==> flow/design.v <==
module cpu_add_core (clk_i, i_rst, opa, opb, c0, res, cout);
  parameter integer WD = 32;
  input clk_i;
  input i_rst;
  input [WD-1:0] opa;
  input [WD-1:0] opb;
  input c0;
  output [WD-1:0] res;
  output cout;
  localparam NG = WD / 4;
  wire [WD-1:0] val;
  wire [NG:0] c;
  assign c[0] = c0;
  genvar i;
  generate
    for (i = 0; i < NG; i = i + 1) begin : blk
      la4 inst (.a(opa[4*i +: 4]), .b(opb[4*i +: 4]), .ci(c[i]), .s(val[4*i +: 4]), .co(c[i+1]));
    end
  endgenerate
  reg [WD-1:0] r_res;
  always @(posedge clk_i) begin
    if (i_rst) begin
      r_res <= 0;
    end else begin
      r_res <= val;
    end
  end
  assign res = r_res;
  reg r_cout;
  always @(posedge clk_i) begin
    if (i_rst) begin
      r_cout <= 1'b0;
    end else begin
      r_cout <= c[NG];
    end
  end
  assign cout = r_cout;
endmodule
module la4 (
  input wire [3:0] a,
  input wire [3:0] b,
  input wire ci,
  output wire [3:0] s,
  output wire co
);
  wire [3:0] g = a & b;
  wire [3:0] p = a ^ b;
  wire c1 = g[0] | (p[0] & ci);
  wire c2 = g[1] | (p[1] & g[0]) | (p[1] & p[0] & ci);
  wire c3 = g[2] | (p[2] & g[1]) | (p[2] & p[1] & g[0]) | (p[2] & p[1] & p[0] & ci);
  assign co = g[3] | (p[3] & g[2]) | (p[3] & p[2] & g[1]) | (p[3] & p[2] & p[1] & g[0]) | (&p & ci);
  assign s = p ^ {c3, c2, c1, ci};
endmodule
Appendix: tool output

## Step by step through the tools: cpu_add_core

Tool output for the members of one design family, told apart by "WD", in the order of the flow.
The file above is the member WD 32. Line numbers count from 1 in each member's own file.
Not given: -

| set-up | value |
|---|---|
| top | cpu_add_core |
| clock | clk_i |
| library | sky130hd |
| corner | tt_025C_1v80 |

## Source of the members

New or changed lines of each further member against the RTL above, in its own file; lines it lacks are not shown.

Lines new or changed:

| WD | line | text |
|---|---|---|
| 40 | 2 | `parameter integer WD = 40;` |
| 64 | 2 | `parameter integer WD = 64;` |
| 96 | 2 | `parameter integer WD = 96;` |
| 112 | 2 | `parameter integer WD = 112;` |

## Word-level counts

Yosys after proc, flatten, opt, wreduce and memory -nomap, before mapping. Enables and synchronous resets that opt folds into registers are not counted as muxes. Memory bits, and registers merged into a memory's read port (data or address), are not among the register bits. Print and check cells are not counted. Equal cells are merged and count once.

Bit counts:

| WD | elaborated cells | input port bits | word width x clocked read ports | latch bits | memory bits (writable) | ROM bits | memories kept | bits in registers |
|---|---|---|---|---|---|---|---|---|
| 32 | 234 | 67 | 0 | 0 | 0 | 0 | 0 | 33 |
| 40 | 292 | 83 | 0 | 0 | 0 | 0 | 0 | 41 |
| 64 | 466 | 131 | 0 | 0 | 0 | 0 | 0 | 65 |
| 96 | 698 | 195 | 0 | 0 | 0 | 0 | 0 | 97 |
| 112 | 814 | 227 | 0 | 0 | 0 | 0 | 0 | 113 |

Operators by class:

| WD | $add $sub $neg | shift operators | mux-type cells | bitwise operators | order comparisons | reductions and logical operators | div/mod/pow operators | eq/ne operators | $mul |
|---|---|---|---|---|---|---|---|---|---|
| 32 | 0 | 0 | 0 | 224 | 0 | 8 | 0 | 0 | 0 |
| 40 | 0 | 0 | 0 | 280 | 0 | 10 | 0 | 0 | 0 |
| 64 | 0 | 0 | 0 | 448 | 0 | 16 | 0 | 0 | 0 |
| 96 | 0 | 0 | 0 | 672 | 0 | 24 | 0 | 0 | 0 |
| 112 | 0 | 0 | 0 | 784 | 0 | 28 | 0 | 0 | 0 |

Operators by type and width:

| WD | kinds with counts |
|---|---|
| 32 | 1-bit AND (120); 1-bit OR (80); 4-bit bitwise XOR (16); 4-bit AND (8); 4-bit AND reduction (8) |
| 40 | 1-bit AND (150); 1-bit OR (100); 4-bit bitwise XOR (20); 4-bit AND (10); 4-bit AND reduction (10) |
| 64 | 1-bit AND (240); 1-bit OR (160); 4-bit bitwise XOR (32); 4-bit AND (16); 4-bit AND reduction (16) |
| 96 | 1-bit AND (360); 1-bit OR (240); 4-bit bitwise XOR (48); 4-bit AND (24); 4-bit AND reduction (24) |
| 112 | 1-bit AND (420); 1-bit OR (280); 4-bit bitwise XOR (56); 4-bit AND (28); 4-bit AND reduction (28) |

## Logic depth

Longest topological path by Yosys (ltp), each cell counted once; first at word level (registers and memories cut), then after technology mapping (sequential cells cut; the memories' decode and read muxes count).

Depth:

| WD | depth in word-level cells | ABC_AREA | gate-level depth with buffers |
|---|---|---|---|
| 32 | 21 | 0 | 11 |
| 40 | 25 | 0 | 12 |
| 64 | 37 | 0 | 13 |
| 96 | 53 | 0 | 14 |
| 112 | 61 | 0 | 15 |

## After synthesis

Source: synth_stat.txt of the flow (Yosys; design flattened, memories mapped). It holds for the ABC_AREA given above (unset counts as 0); a run with the other value may have another netlist.
Totals and module areas in this step are rounded.

Mapped netlist:

| WD | buffers | flip-flop cells | synthesis area (mm2) | cell count |
|---|---|---|---|---|
| 32 | 4 | 33 | 0.002212 | 243 |
| 40 | 5 | 41 | 0.002644 | 288 |
| 64 | 8 | 65 | 0.004487 | 475 |
| 96 | 11 | 97 | 0.006534 | 717 |
| 112 | 13 | 113 | 0.007637 | 828 |

Cell types:

| WD | types with counts |
|---|---|
| 32 | sky130_fd_sc_hd__dfxtp_1 (33); sky130_fd_sc_hd__ha_1 (32); sky130_fd_sc_hd__fa_1 (8); sky130_fd_sc_hd__xnor2_1 (13); sky130_fd_sc_hd__nor2_1 (29); sky130_fd_sc_hd__a21oi_1 (20); sky130_fd_sc_hd__a21o_1 (8); sky130_fd_sc_hd__nor2b_1 (9); sky130_fd_sc_hd__inv_1 (13); sky130_fd_sc_hd__xor2_1 (5); sky130_fd_sc_hd__nand2_1 (10); sky130_fd_sc_hd__o21a_1 (5); sky130_fd_sc_hd__nand3_1 (7); sky130_fd_sc_hd__nand4_1 (5); sky130_fd_sc_hd__a31oi_1 (4); sky130_fd_sc_hd__o211ai_1 (3); sky130_fd_sc_hd__nor3_1 (4); sky130_fd_sc_hd__o21ai_1 (4); [+31] |
| 40 | sky130_fd_sc_hd__dfxtp_1 (41); sky130_fd_sc_hd__ha_1 (40); sky130_fd_sc_hd__fa_1 (10); sky130_fd_sc_hd__a21oi_1 (26); sky130_fd_sc_hd__nor2_1 (33); sky130_fd_sc_hd__xnor2_1 (14); sky130_fd_sc_hd__xor2_1 (10); sky130_fd_sc_hd__o21ai_0 (15); sky130_fd_sc_hd__nor2b_1 (10); sky130_fd_sc_hd__a21o_1 (8); sky130_fd_sc_hd__nor3_1 (10); sky130_fd_sc_hd__inv_1 (12); sky130_fd_sc_hd__nand2_1 (12); sky130_fd_sc_hd__o211ai_1 (4); sky130_fd_sc_hd__o21a_1 (4); sky130_fd_sc_hd__a211o_1 (3); sky130_fd_sc_hd__and4_1 (3); sky130_fd_sc_hd__nand3_1 (5); [+28] |
| 64 | sky130_fd_sc_hd__dfxtp_1 (65); sky130_fd_sc_hd__ha_1 (64); sky130_fd_sc_hd__fa_1 (16); sky130_fd_sc_hd__nor2_1 (61); sky130_fd_sc_hd__xnor2_1 (26); sky130_fd_sc_hd__a21oi_1 (30); sky130_fd_sc_hd__nor2b_1 (22); sky130_fd_sc_hd__a21o_1 (14); sky130_fd_sc_hd__xor2_1 (10); sky130_fd_sc_hd__nand2_1 (21); sky130_fd_sc_hd__inv_1 (19); sky130_fd_sc_hd__nor3_1 (12); sky130_fd_sc_hd__o21ai_0 (11); sky130_fd_sc_hd__nand3_1 (10); sky130_fd_sc_hd__a211oi_1 (6); sky130_fd_sc_hd__mux2_1 (4); sky130_fd_sc_hd__o21bai_1 (6); sky130_fd_sc_hd__nand2b_1 (5); [+73] |
| 96 | sky130_fd_sc_hd__dfxtp_1 (97); sky130_fd_sc_hd__ha_1 (96); sky130_fd_sc_hd__fa_1 (24); sky130_fd_sc_hd__xnor2_1 (44); sky130_fd_sc_hd__nor2_1 (86); sky130_fd_sc_hd__a21oi_1 (59); sky130_fd_sc_hd__a21o_1 (25); sky130_fd_sc_hd__nor2b_1 (26); sky130_fd_sc_hd__o21ai_0 (31); sky130_fd_sc_hd__xor2_1 (17); sky130_fd_sc_hd__nand2_1 (36); sky130_fd_sc_hd__inv_1 (28); sky130_fd_sc_hd__nor3_1 (18); sky130_fd_sc_hd__o21a_1 (12); sky130_fd_sc_hd__nand4_1 (11); sky130_fd_sc_hd__nand3_1 (12); sky130_fd_sc_hd__o21bai_1 (7); sky130_fd_sc_hd__nand2b_1 (6); [+82] |
| 112 | sky130_fd_sc_hd__dfxtp_1 (113); sky130_fd_sc_hd__ha_1 (112); sky130_fd_sc_hd__fa_1 (28); sky130_fd_sc_hd__xnor2_1 (49); sky130_fd_sc_hd__nor2_1 (114); sky130_fd_sc_hd__a21oi_1 (58); sky130_fd_sc_hd__a21o_1 (37); sky130_fd_sc_hd__nor2b_1 (33); sky130_fd_sc_hd__xor2_1 (22); sky130_fd_sc_hd__nand2_1 (40); sky130_fd_sc_hd__o21ai_0 (28); sky130_fd_sc_hd__nand3_1 (17); sky130_fd_sc_hd__a211oi_1 (11); sky130_fd_sc_hd__inv_1 (22); sky130_fd_sc_hd__o21bai_1 (11); sky130_fd_sc_hd__nand4_1 (13); sky130_fd_sc_hd__nor3_1 (12); sky130_fd_sc_hd__nor3b_1 (7); [+101] |

The mark [+n] counts cells that are not listed.
The figures by module come from a second, unflattened synthesis with its own total; it is not the netlist above.

Unflattened totals:

| WD | cells (unflattened synthesis) | area (unflattened synthesis) (mm2) |
|---|---|---|
| 32 | 205 | 0.002071 |
| 40 | 256 | 0.002574 |
| 64 | 409 | 0.004218 |
| 96 | 612 | 0.006152 |
| 112 | 714 | 0.007166 |

## Timing after synthesis

Source: OpenSTA report_checks on the synthesized netlist (no wires, ideal clock, input and output delay 20% of the period each), path of least setup slack; recovery checks are left aside. Register names are those of the netlist, which keeps one name where synthesis merged equal registers.

Path post-synthesis:

| WD | path kind | from | to | slack (ns) | stages on the path | clock period (ns) | path delay (ns) | synthesis period reached (ns) |
|---|---|---|---|---|---|---|---|---|
| 32 | input to register | input opa[13] | register r_res[29] | 0.552 | 11 | 3.43 | 2.193 | 2.878 |
| 40 | input to register | input opa[0] | register r_res[37] | 0.586 | 12 | 3.65 | 2.334 | 3.064 |
| 64 | input to register | input opa[13] | register r_res[57] | 0.729 | 12 | 4.55 | 2.912 | 3.821 |
| 96 | input to register | input opa[13] | register r_res[41] | 0.731 | 14 | 4.58 | 2.933 | 3.849 |
| 112 | input to register | input opa[65] | register r_res[109] | 0.785 | 15 | 4.91 | 3.144 | 4.125 |

"path delay" = arrival - input delay + setup time.
"stages on the path": output pins that drive a net of the path, with the launching flip-flop's if there is one; two outputs of one cell count as two.
"synthesis period reached" is the clock period less the worst setup slack; recovery checks do not enter. This is arithmetic on one report: input and output delays are still those of the set period (20% each).
The rows between start and end are the longest chain of elaborated cells between them; the timing report does not say that the signal goes this way. Where chains are equally long, one stands for them.
A line is the first line of the expression or statement that the cell stems from. Yosys adds cells for indexed reads and writes and turns some case tables into memories.

| on the way, post-synthesis, WD 32 | value |
|---|---|
| cells in the longest elaborated chain | 14 |

RTL lines, path post-synthesis, WD 32:

| item | line | text |
|---|---|---|
| from (decl) | 5 | `input [WD-1:0] opa;` |
| 4-bit AND | 46 | `wire [3:0] g = a & b;` |
| 1-bit AND | 51 | `assign co = g[3] \| (p[3] & g[2]) \| (p[3] & p[2] & g[1]) \| (p[3] & p[2] & p[1] & g[0]) \| (&p & ci);` |
| 1-bit OR x3 | 51 |  |
| 1-bit AND | 51 |  |
| 1-bit OR | 51 |  |
| 1-bit AND | 51 |  |
| 1-bit OR | 51 |  |
| 1-bit AND | 51 |  |
| 1-bit OR | 51 |  |
| 1-bit AND | 48 | `wire c1 = g[0] \| (p[0] & ci);` |
| 1-bit OR | 48 |  |
| 4-bit bitwise XOR | 52 | `assign s = p ^ {c3, c2, c1, ci};` |
| to (assign) | 23 | `r_res <= 0;` |
| to (assign) | 25 | `r_res <= val;` |
| to (decl) | 20 | `reg [WD-1:0] r_res;` |

| on the way, post-synthesis, WD 112 | value |
|---|---|
| cells in the longest elaborated chain | 28 |

RTL lines, path post-synthesis, WD 112:

| item | line | text |
|---|---|---|
| from (decl) | 5 | `input [WD-1:0] opa;` |
| 4-bit AND | 46 | `wire [3:0] g = a & b;` |
| 1-bit AND | 51 | `assign co = g[3] \| (p[3] & g[2]) \| (p[3] & p[2] & g[1]) \| (p[3] & p[2] & p[1] & g[0]) \| (&p & ci);` |
| 1-bit OR x3 | 51 |  |
| 1-bit AND | 51 |  |
| 1-bit OR | 51 |  |
| 1-bit AND | 51 |  |
| 1-bit OR | 51 |  |
| (+12 left out) | - |  |
| 1-bit AND | 51 |  |
| 1-bit OR | 51 |  |
| 1-bit AND | 51 |  |
| 1-bit OR | 51 |  |
| 1-bit AND | 48 | `wire c1 = g[0] \| (p[0] & ci);` |
| 1-bit OR | 48 |  |
| 4-bit bitwise XOR | 52 | `assign s = p ^ {c3, c2, c1, ci};` |
| to (assign) | 23 | `r_res <= 0;` |
| to (assign) | 25 | `r_res <= val;` |
| to (decl) | 20 | `reg [WD-1:0] r_res;` |

## Path in the finished layout

Path of least setup slack in the final report of each member's run (OpenROAD, finished layout, wires in). Where an end is a register, its clock arrival counts in the times.

Path after layout:

| WD | path kind | from | to | path buffers | clock period (ns) | slack (ns) | data arrival time (ns) | stages on the path |
|---|---|---|---|---|---|---|---|---|
| 32 | input to register | input opa[11] | register r_res[29] | 1 | 3.43 | 0.35 | 3.25 | 12 |
| 40 | input to register | input opa[0] | register r_res[37] | 1 | 3.65 | 0.26 | 3.54 | 13 |
| 64 | input to register | input opa[6] | register r_res[57] | 2 | 4.55 | 0.33 | 4.41 | 13 |
| 96 | input to register | input opa[13] | register r_res[41] | 1 | 4.58 | 0.38 | 4.41 | 15 |
| 112 | input to register | input opa[74] | register r_res[109] | 1 | 4.91 | 0.51 | 4.67 | 16 |

## Measured runs

One run of the flow (Yosys, OpenROAD) for each member, with settings and measured results. Input and output delays are each 20% of the period that was set; the output load is 0.01 pF.

| settings | value |
|---|---|
| CAP_MARGIN | 20 |
| CORE_MARGIN | 2 |
| CORE_UTILIZATION | 40 |
| SLEW_MARGIN | 20 |

Settings that differ:

| WD | period_ns |
|---|---|
| 32 | 3.43 |
| 40 | 3.65 |
| 64 | 4.55 |
| 96 | 4.58 |
| 112 | 4.91 |

Measured results:

| WD | summed negative setup slack (ns) | worst slack on setup checks (ns) | final utilization (%) | period achieved (ns) | die outline area (mm2) | chip area in the Yosys report (mm2) | standard-cell area after layout (mm2) | power consumption (mW) | worst hold slack after layout (ns) |
|---|---|---|---|---|---|---|---|---|---|
| 32 | 0.000 | 0.346 | 63.4 | 3.084 | 0.006141 | 0.002212 | 0.003447 | 1.235 | 1.147 |
| 40 | 0.000 | 0.260 | 64.5 | 3.390 | 0.007276 | 0.002644 | 0.004116 | 1.372 | 1.174 |
| 64 | 0.000 | 0.333 | 62.7 | 4.217 | 0.01208 | 0.004487 | 0.006822 | 1.944 | 1.206 |
| 96 | 0.000 | 0.380 | 63.0 | 4.200 | 0.01737 | 0.006534 | 0.01005 | 2.877 | 1.130 |
| 112 | 0.000 | 0.508 | 64.3 | 4.402 | 0.02022 | 0.007637 | 0.01202 | 3.610 | 1.163 |

"period achieved": clock period set for the run, less the worst setup slack. It is reckoned from that one timing run; input and output delays stay at 20% of the period that was set.
By "power consumption" is meant OpenSTA's value without simulated activity: inputs other than the clock are taken to toggle once in ten clock periods, and the tool carries that through the logic.
Measured values are rounded.
